==> flow/design.v <==
module gen_arith_v2 #(
  parameter DWIDTH = 16
) (
  input clk,
  input valid,
  input [DWIDTH-1:0] first,
  input [DWIDTH-1:0] second,
  input mode,
  output [DWIDTH-1:0] result
);
  reg [DWIDTH-1:0] first_r;
  reg [DWIDTH-1:0] second_r;
  reg mode_r;
  always @(posedge clk) begin
    if (valid) begin
      first_r <= first;
      second_r <= second;
      mode_r <= mode;
    end
  end
  reg [DWIDTH-1:0] t;
  always @* begin
    if (mode_r)
      t = first_r - second_r;
    else
      t = first_r + second_r;
  end
  assign result = t;
endmodule
[Reports on gen_arith_v2]
What the tools print for gen_arith_v2, step after step.
Line numbers count from 1 in the design file above.
Cell names lack the library's common part.
The mark -- stands for no value.
Set-up
  top module: gen_arith_v2
  clock port: clk
  standard-cell library: sky130hd
  library corner: tt_025C_1v80

[Word level]
Yosys after proc, flatten, opt, wreduce and memory -nomap, before mapping. Enables and synchronous resets that opt folds into registers are not counted as muxes. Memory bits, and registers merged into a memory's read port (data or address), are not among the register bits. Print and check cells are not counted. Equal cells are merged and count once.
Word-level totals
  bits of input ports: 35
  elaborated cells: 6
  output and inout bits: 16
  register bits after elaboration: 33
Cells by class
  $add $sub $neg: 2
  mux-type cells: 1
Operator list (count)
  16-bit adder: 1
  16-bit subtractor: 1
  16-bit two-way mux: 1

[Logic depth]
Yosys ltp: most cells in a row. Word level: on the elaborated netlist, between registers, memories and ports. Mapped: between sequential cells and ports; inverters and the memories' decode and read muxes count.
Depth
  depth in word-level cells: 2
  ABC_AREA: 0
  gate-level depth with buffers: 14
  gate-level depth less buffers: 14

[After synthesis]
Yosys stat after the flow's synthesis: flattened, memories mapped to cells. It holds for the ABC_AREA given above (unset counts as 0); a run with the other value may have another netlist.
Synthesis totals
  sequential part of the area: 991.0 µm²
  flip-flops: 33
  buffer cells: 1
  cell area after synthesis: 1980.6 µm²
  cells in the netlist: 169
Cell types
  edfxtp_1: count 33, area in all 990.95 µm²
  xnor2_1: count 23, area in all 201.443 µm²
  ha_1: count 16, area in all 200.192 µm²
  a21oi_1: count 17, area in all 85.082 µm²
  nor2_1: count 14, area in all 52.55 µm²
  xor2_1: count 6, area in all 52.55 µm²
  inv_1: count 9, area in all 33.782 µm²
  nand2b_1: count 5, area in all 31.28 µm²
  o21ai_0: count 6, area in all 30.029 µm²
  a31oi_1: count 4, area in all 25.024 µm²
  nand2_1: count 6, area in all 22.522 µm²
  fa_1: count 1, area in all 20.019 µm²
  o41ai_2: count 1, area in all 16.266 µm²
  a2111oi_2: count 1, area in all 15.014 µm²
  a21o_1: count 2, area in all 15.014 µm²
  a221oi_2: count 1, area in all 15.014 µm²
  nor3_1: count 3, area in all 15.014 µm²
  o211ai_1: count 2, area in all 15.014 µm²
Other cell types: 18; their cells: 19.

[Worst setup path after synthesis]
Path of least setup slack by OpenSTA after synthesis, without wires, with an ideal clock, recovery checks aside; 20% of the period is set as input and as output delay. Where synthesis merged equal registers, the netlist keeps one of their names.
Path after synthesis
  path kind: flip-flop to output port
  start point: reg second_r[0]
  end point: out result[12]
  path buffers: 0
  external output delay: 0.876 ns
  required time: 3.504 ns
  clock period: 4.38 ns
  delay of the path: 2.803 ns
  time at the first pin: 0.000 ns
  stages: 14
  arrival time: 2.803 ns
  slack: 0.701 ns
  synthesis period reached: 3.679 ns
"delay of the path" is the arrival time less input delay plus setup time.
At an output port there is no setup time.
"stages": output pins that drive a net of the path, with the launching flip-flop's if there is one; two outputs of one cell count as two.
"synthesis period reached" is the clock period less the worst setup slack; recovery checks do not enter. This is arithmetic on one report: input and output delays are still those of the set period (20% each).
The rows between start and end are the longest chain of elaborated cells between them; the timing report does not say that the signal goes this way. Where chains are equally long, one stands for them.
A line is the first line of the expression or statement that the cell stems from. Yosys adds cells for indexed reads and writes and turns some case tables into memories.
Between the ends, after synthesis
  path through: edfxtp_1 -> inv_1 -> ha_1 -> nand2b_1 -> or4_1 -> nor3_1 -> nor2_1 -> xnor2_1 -> ha_1 -> nand2_1 -> o22a_2 -> or3_1 -> a31oi_1 -> xnor2_1
  cells in the longest elaborated chain: 2
  elaborated cells between the ends (all ways): 3
  source lines of those cells: 3
  those cells by class: 2 x add/sub; 1 x mux
RTL lines, path after synthesis
  from (decl): line 12  | reg [DWIDTH-1:0] second_r;
  from (assign): line 17  | second_r <= second;
  16-bit adder: line 26  | t = first_r + second_r;
  16-bit two-way mux: line 23  | if (mode_r)
  to (decl): line 9  | output [DWIDTH-1:0] result

[Worst path after layout]
Path of least setup slack in the final report of run 1 (OpenROAD, finished layout, wires in). Where an end is a register, its clock arrival counts in the times.
Path after layout
  path kind: flip-flop to output port
  start point: reg second_r[1]
  end point: out result[13]
  time at the first pin: 0.28 ns
  stages: 17
  clock period: 4.38 ns
  required time: 3.50 ns
  slack: 0.08 ns
  path buffers: 2
  arrival time: 3.43 ns
  external output delay: 0.88 ns
The rows between start and end are the longest chain of elaborated cells between them; the timing report does not say that the signal goes this way. Where chains are equally long, one stands for them.
Between the ends, after layout
  path through: edfxtp_1 -> inv_1 -> ha_1 -> nand2b_1 -> or4_4 -> nor3_4 -> nor2_1 -> xnor2_1 -> ha_1 -> a21oi_2 -> nor2_1 -> a21oi_2 -> o31ai_2 -> buf_4 -> o41ai_2 -> xnor2_1 -> buf_2
  cells in the longest elaborated chain: 2
  elaborated cells between the ends (all ways): 3
  source lines of those cells: 3
  those cells by class: 2 x add/sub; 1 x mux
RTL lines, path after layout
  from (decl): line 12  | reg [DWIDTH-1:0] second_r;
  from (assign): line 17  | second_r <= second;
  16-bit adder: line 26  | t = first_r + second_r;
  16-bit two-way mux: line 23  | if (mode_r)
  to (decl): line 9  | output [DWIDTH-1:0] result

gen_arith_v2 through Yosys and OpenROAD on sky130hd: 3 stored runs, unordered, with their settings and measured results. The constraints put input and output delay at 20% of the set period each and load the outputs with 0.01 pF.
"finish__power__total": no workload was simulated; the value follows from the tool's default switching activity.

settings of run 1
{
  "period_ns": 4.38,
  "CAP_MARGIN": 20,
  "CORE_MARGIN": 2,
  "CORE_UTILIZATION": 40,
  "SLEW_MARGIN": 20
}
report of run 1
yosys chip area after synthesis (um^2): 1980.6
finish__design__die__area: 5530.1
finish__design__instance__area__stdcell: 2825.2
finish__design__instance__utilization: 0.5942
finish__timing__setup__ws: 0.079
finish__timing__hold__ws: 1.144
finish__power__total: 1.191e-03

settings of run 2
{
  "period_ns": 4.56,
  "CORE_UTILIZATION": 71,
  "SETUP_SLACK_MARGIN": -0.22,
  "HOLD_SLACK_MARGIN": 0.3,
  "CORE_ASPECT_RATIO": 1.12,
  "CELL_PAD_IN_SITES_GLOBAL_PLACEMENT": 1,
  "CELL_PAD_IN_SITES_DETAIL_PLACEMENT": 1,
  "CTS_CLUSTER_SIZE": 90,
  "CAP_MARGIN": 0,
  "SLEW_MARGIN": 35,
  "MIN_ROUTING_LAYER": "met2",
  "CORE_MARGIN": 2
}
report of run 2: did not finish, place, GPL-0301

settings of run 3
{
  "period_ns": 6.04,
  "CORE_UTILIZATION": 18,
  "SETUP_SLACK_MARGIN": 0.15,
  "PLACE_DENSITY": 0.93,
  "CELL_PAD_IN_SITES_GLOBAL_PLACEMENT": 0,
  "TNS_END_PERCENT": 50,
  "GPL_TIMING_DRIVEN": 0,
  "GPL_ROUTABILITY_DRIVEN": 1,
  "CTS_CLUSTER_DIAMETER": 303,
  "CAP_MARGIN": 10,
  "SLEW_MARGIN": 35,
  "MAX_ROUTING_LAYER": "met5",
  "CORE_MARGIN": 2
}
report of run 3
yosys chip area after synthesis (um^2): 1980.6
finish__design__die__area: 11859.2
finish__design__instance__area__stdcell: 2733.9
finish__design__instance__utilization: 0.2533
finish__timing__setup__ws: 0.923
finish__timing__hold__ws: 1.473
finish__power__total: 8.036e-04
